==> flow/design.v <==
module gen_adder_rtl #(
  parameter int NBITS = 12,
  parameter int N = 7,
  parameter int RES_W = NBITS + $clog2(N)
) (
  input  logic clock,
  input  logic aresetn,
  input  logic [N*NBITS-1:0] src_i,
  output logic [RES_W-1:0] s_o
);
  logic [N*NBITS-1:0] src_s;
  always_ff @(posedge clock or negedge aresetn) begin
    if (!aresetn) begin
      src_s <= 0;
    end else begin
      src_s <= src_i;
    end
  end
  logic [RES_W-1:0] r;
  always_comb begin
    r = 0;
    for (int i = 0; i < N; i++)
      r = r + src_s[i*NBITS +: NBITS];
  end
  assign s_o = r;
endmodule
From RTL to reports: gen_adder_rtl. What the tools print for gen_adder_rtl, step after step. Line numbers count from 1 in the design file above. Library cell names are shortened. The mark -- stands for no value.

Design top: gen_adder_rtl. Clock port: clock. Cell library: sky130hd. Library corner: tt_025C_1v80.

After elaboration. Counts by Yosys on the flattened word-level netlist (proc, flatten, opt, wreduce; memories kept). Register bits leave out memories and registers merged into their read ports (data or address); mux counts leave out enables and synchronous resets folded into registers. Print and check cells are left out. Cells with the same type and inputs are merged into one.

For add/sub/neg operators the number is 6.

Operator list (count): 15-bit by 12-bit adder with 15-bit output (3); 14-bit by 12-bit adder with 15-bit output (1); 13-bit by 12-bit adder with 14-bit output (1); 12-bit by 12-bit adder with 13-bit output (1).

The entry for register bits reads 84. The figure for input bits is 86. The entry for output and inout port bits reads 15. The entry for elaborated cells reads 7.

Logic depth. Depth = most cells in a row (Yosys ltp): at word level without a register or memory, in the mapped netlist without a sequential cell, where the memories' decode and read muxes count.

For depth after elaboration the number is 6. For ABC_AREA the number is 0. Gate-level depth with buffers: 15. The figure for gate-level depth less buffers is 14.

After synthesis. Yosys stat after the flow's synthesis: flattened, memories mapped to cells. It holds for the ABC_AREA given above (unset counts as 0); a run with the other value may have another netlist. Totals and module areas in this step are rounded.

Mapped cells: 363. Synthesis area: 0.004439 mm². Under sequential area stands 0.002102 mm². The entry for mapped flip-flops reads 84. For buffers the number is 1.

Cell types: dfrtp_1 (count 84, area in all 2.1E+03 µm²); fa_1 (count 58, area in all 1.16E+03 µm²); inv_1 (count 134, area in all 502.982 µm²); ha_1 (count 17, area in all 212.704 µm²); xnor2_1 (count 7, area in all 61.309 µm²); a21oi_1 (count 8, area in all 40.038 µm²); nor2_1 (count 9, area in all 33.782 µm²); a41oi_4 (count 1, area in all 27.526 µm²); nand2_1 (count 7, area in all 26.275 µm²); a211oi_1 (count 3, area in all 22.522 µm²); o21a_1 (count 3, area in all 22.522 µm²); nand3_1 (count 4, area in all 20.019 µm²); nor3_1 (count 4, area in all 20.019 µm²); o21ai_0 (count 4, area in all 20.019 µm²); o31a_4 (count 1, area in all 17.517 µm²); a21o_1 (count 2, area in all 15.014 µm²); nand3b_1 (count 2, area in all 15.014 µm²); nor2b_4 (count 1, area in all 13.763 µm²).

Other cell types: 14; their cells: 14.

Timing after synthesis. Source: OpenSTA report_checks on the synthesized netlist (no wires, ideal clock, input and output delay 20% of the period each), path of least setup slack; recovery checks are left aside. Register names are those of the netlist, which keeps one name where synthesis merged equal registers.

Kind: reg2out. Start point: register src_s[2]. End point: output port s_o[11]. Under period stands 6.15 ns. The figure for external output delay is 1.230 ns. The figure for launch time at the first pin is 0.000 ns. The entry for data arrival time reads 3.939 ns. Under data required time stands 4.920 ns. Setup slack: 0.981 ns. For delay of the path the number is 3.939 ns. Under stages stands 13. Under buffers on the path stands 0. For synthesis period reached the number is 5.169 ns.

"delay of the path" is the arrival time less input delay plus setup time. At an output port there is no setup time. "stages" counts driving pins, that of a launching flip-flop among them; a cell with two outputs on the path counts twice. "synthesis period reached" = period - worst setup slack (recovery checks aside). The figure is calculated, with input and output delays left at 20% of the set period. Between the ends stands the longest chain of elaborated cells between them, by number of cells; it is not shown to be the way that was timed. Of several equally long chains one is given. A line is the first line of the expression or statement that the cell stems from. Yosys adds cells for indexed reads and writes and turns some case tables into memories.

Cells stage by stage: dfrtp_1 inv_1 fa_1 inv_1 fa_1 fa_1 inv_1 fa_1 fa_1 nor2b_4 o31a_4 a41oi_4 o311ai_0. For length of the longest elaborated chain the number is 6. Under elaborated cells on any way between the ends stands 6. Under RTL lines with such cells stands 1. Those cells by class: add/sub: 6.

Ends and longest elaborated chain, after synthesis: from (decl) (line 11) `logic [N*NBITS-1:0] src_s;`; from (assign) (line 14) `src_s <= 0;`; from (assign) (line 16) `src_s <= src_i;`; 12-bit by 12-bit adder with 13-bit output (line 23) `r = r + src_s[i*NBITS +: NBITS];`; 13-bit by 12-bit adder with 14-bit output (line 23); 14-bit by 12-bit adder with 15-bit output (line 23); 15-bit by 12-bit adder with 15-bit output x3 (line 23); to (decl) (line 9) `output logic [RES_W-1:0] s_o`.

Timing after layout. Path of least setup slack in the final report of entry A (OpenROAD, finished layout, wires in). Where an end is a register, its clock arrival counts in the times.

Kind: reg2out. Start point: register src_s[3]. End point: output port s_o[13]. Under period stands 8.37 ns. The figure for external output delay is 1.67 ns. The figure for launch time at the first pin is 0.34 ns. The entry for data arrival time reads 4.98 ns. Under data required time stands 6.70 ns. Setup slack: 1.71 ns. Under stages stands 16. Under buffers on the path stands 1.

Between the ends stands the longest chain of elaborated cells between them, by number of cells; it is not shown to be the way that was timed. Of several equally long chains one is given.

Cells stage by stage: dfrtp_1 inv_1 fa_1 inv_1 fa_1 fa_1 inv_1 fa_1 inv_1 ha_1 nor2b_4 o31a_4 a41oi_4 a41oi_1 o311ai_1 clkdlybuf4s50_1. For length of the longest elaborated chain the number is 6. Under elaborated cells on any way between the ends stands 6. Under RTL lines with such cells stands 1. Those cells by class: add/sub: 6.

Ends and longest elaborated chain, post-layout: from (decl) (line 11) `logic [N*NBITS-1:0] src_s;`; from (assign) (line 14) `src_s <= 0;`; from (assign) (line 16) `src_s <= src_i;`; 12-bit by 12-bit adder with 13-bit output (line 23) `r = r + src_s[i*NBITS +: NBITS];`; 13-bit by 12-bit adder with 14-bit output (line 23); 14-bit by 12-bit adder with 15-bit output (line 23); 15-bit by 12-bit adder with 15-bit output x3 (line 23); to (decl) (line 9) `output logic [RES_W-1:0] s_o`.

gen_adder_rtl through Yosys and OpenROAD on sky130hd: 3 stored runs, unordered, with their settings and measured results. The constraints put input and output delay at 20% of the set period each and load the outputs with 0.01 pF. "time used up by the worst setup path" means the part of the period allowed to the worst setup path (the constraints hold back 20% at inputs and 20% at outputs) less its slack; where the path has registers, the arrival times of their clocks count too. "power consumption": no workload was simulated; the value follows from the tool's default switching activity. Results are given in rounded form.

Entry A has these settings: period_ns 8.37; CORE_UTILIZATION 20; PLACE_DENSITY_LB_ADDON 0.29; CORE_ASPECT_RATIO 1.27; CORE_MARGIN 9; CELL_PAD_IN_SITES_GLOBAL_PLACEMENT 1; ABC_AREA 0; GPL_TIMING_DRIVEN 0; SLEW_MARGIN 0; MIN_ROUTING_LAYER met1; CAP_MARGIN 20. The cell area after synthesis is 0.004439 mm². The total die area stands at 0.02792 mm². The measured std-cell area (final layout) is 0.006167 mm². The smallest setup slack reads 1.711 ns. The measured power consumption is 2.435 mW. The time used up by the worst setup path is 4.98 ns. Critical path kind: reg2out.

Entry B has these settings: period_ns 6.15; CAP_MARGIN 20; CORE_MARGIN 2; CORE_UTILIZATION 40; SLEW_MARGIN 20. The cell area after synthesis is 0.004439 mm². The total die area stands at 0.01196 mm². The measured std-cell area (final layout) is 0.005831 mm². The smallest setup slack reads 0.250 ns. The measured power consumption is 2.941 mW. The time used up by the worst setup path is 4.67 ns. Critical path kind: reg2out.

Entry C has these settings: period_ns 9.73; CORE_UTILIZATION 29; SETUP_SLACK_MARGIN -0.8; PLACE_DENSITY_LB_ADDON 0.13; CORE_ASPECT_RATIO 0.8; CORE_MARGIN 5; CTS_CLUSTER_SIZE 23; CAP_MARGIN 30; SLEW_MARGIN 15. The cell area after synthesis is 0.004439 mm². The total die area stands at 0.0179 mm². The measured std-cell area (final layout) is 0.006022 mm². The smallest setup slack reads 2.893 ns. The measured power consumption is 2.022 mW. The time used up by the worst setup path is 4.89 ns. Critical path kind: reg2out.
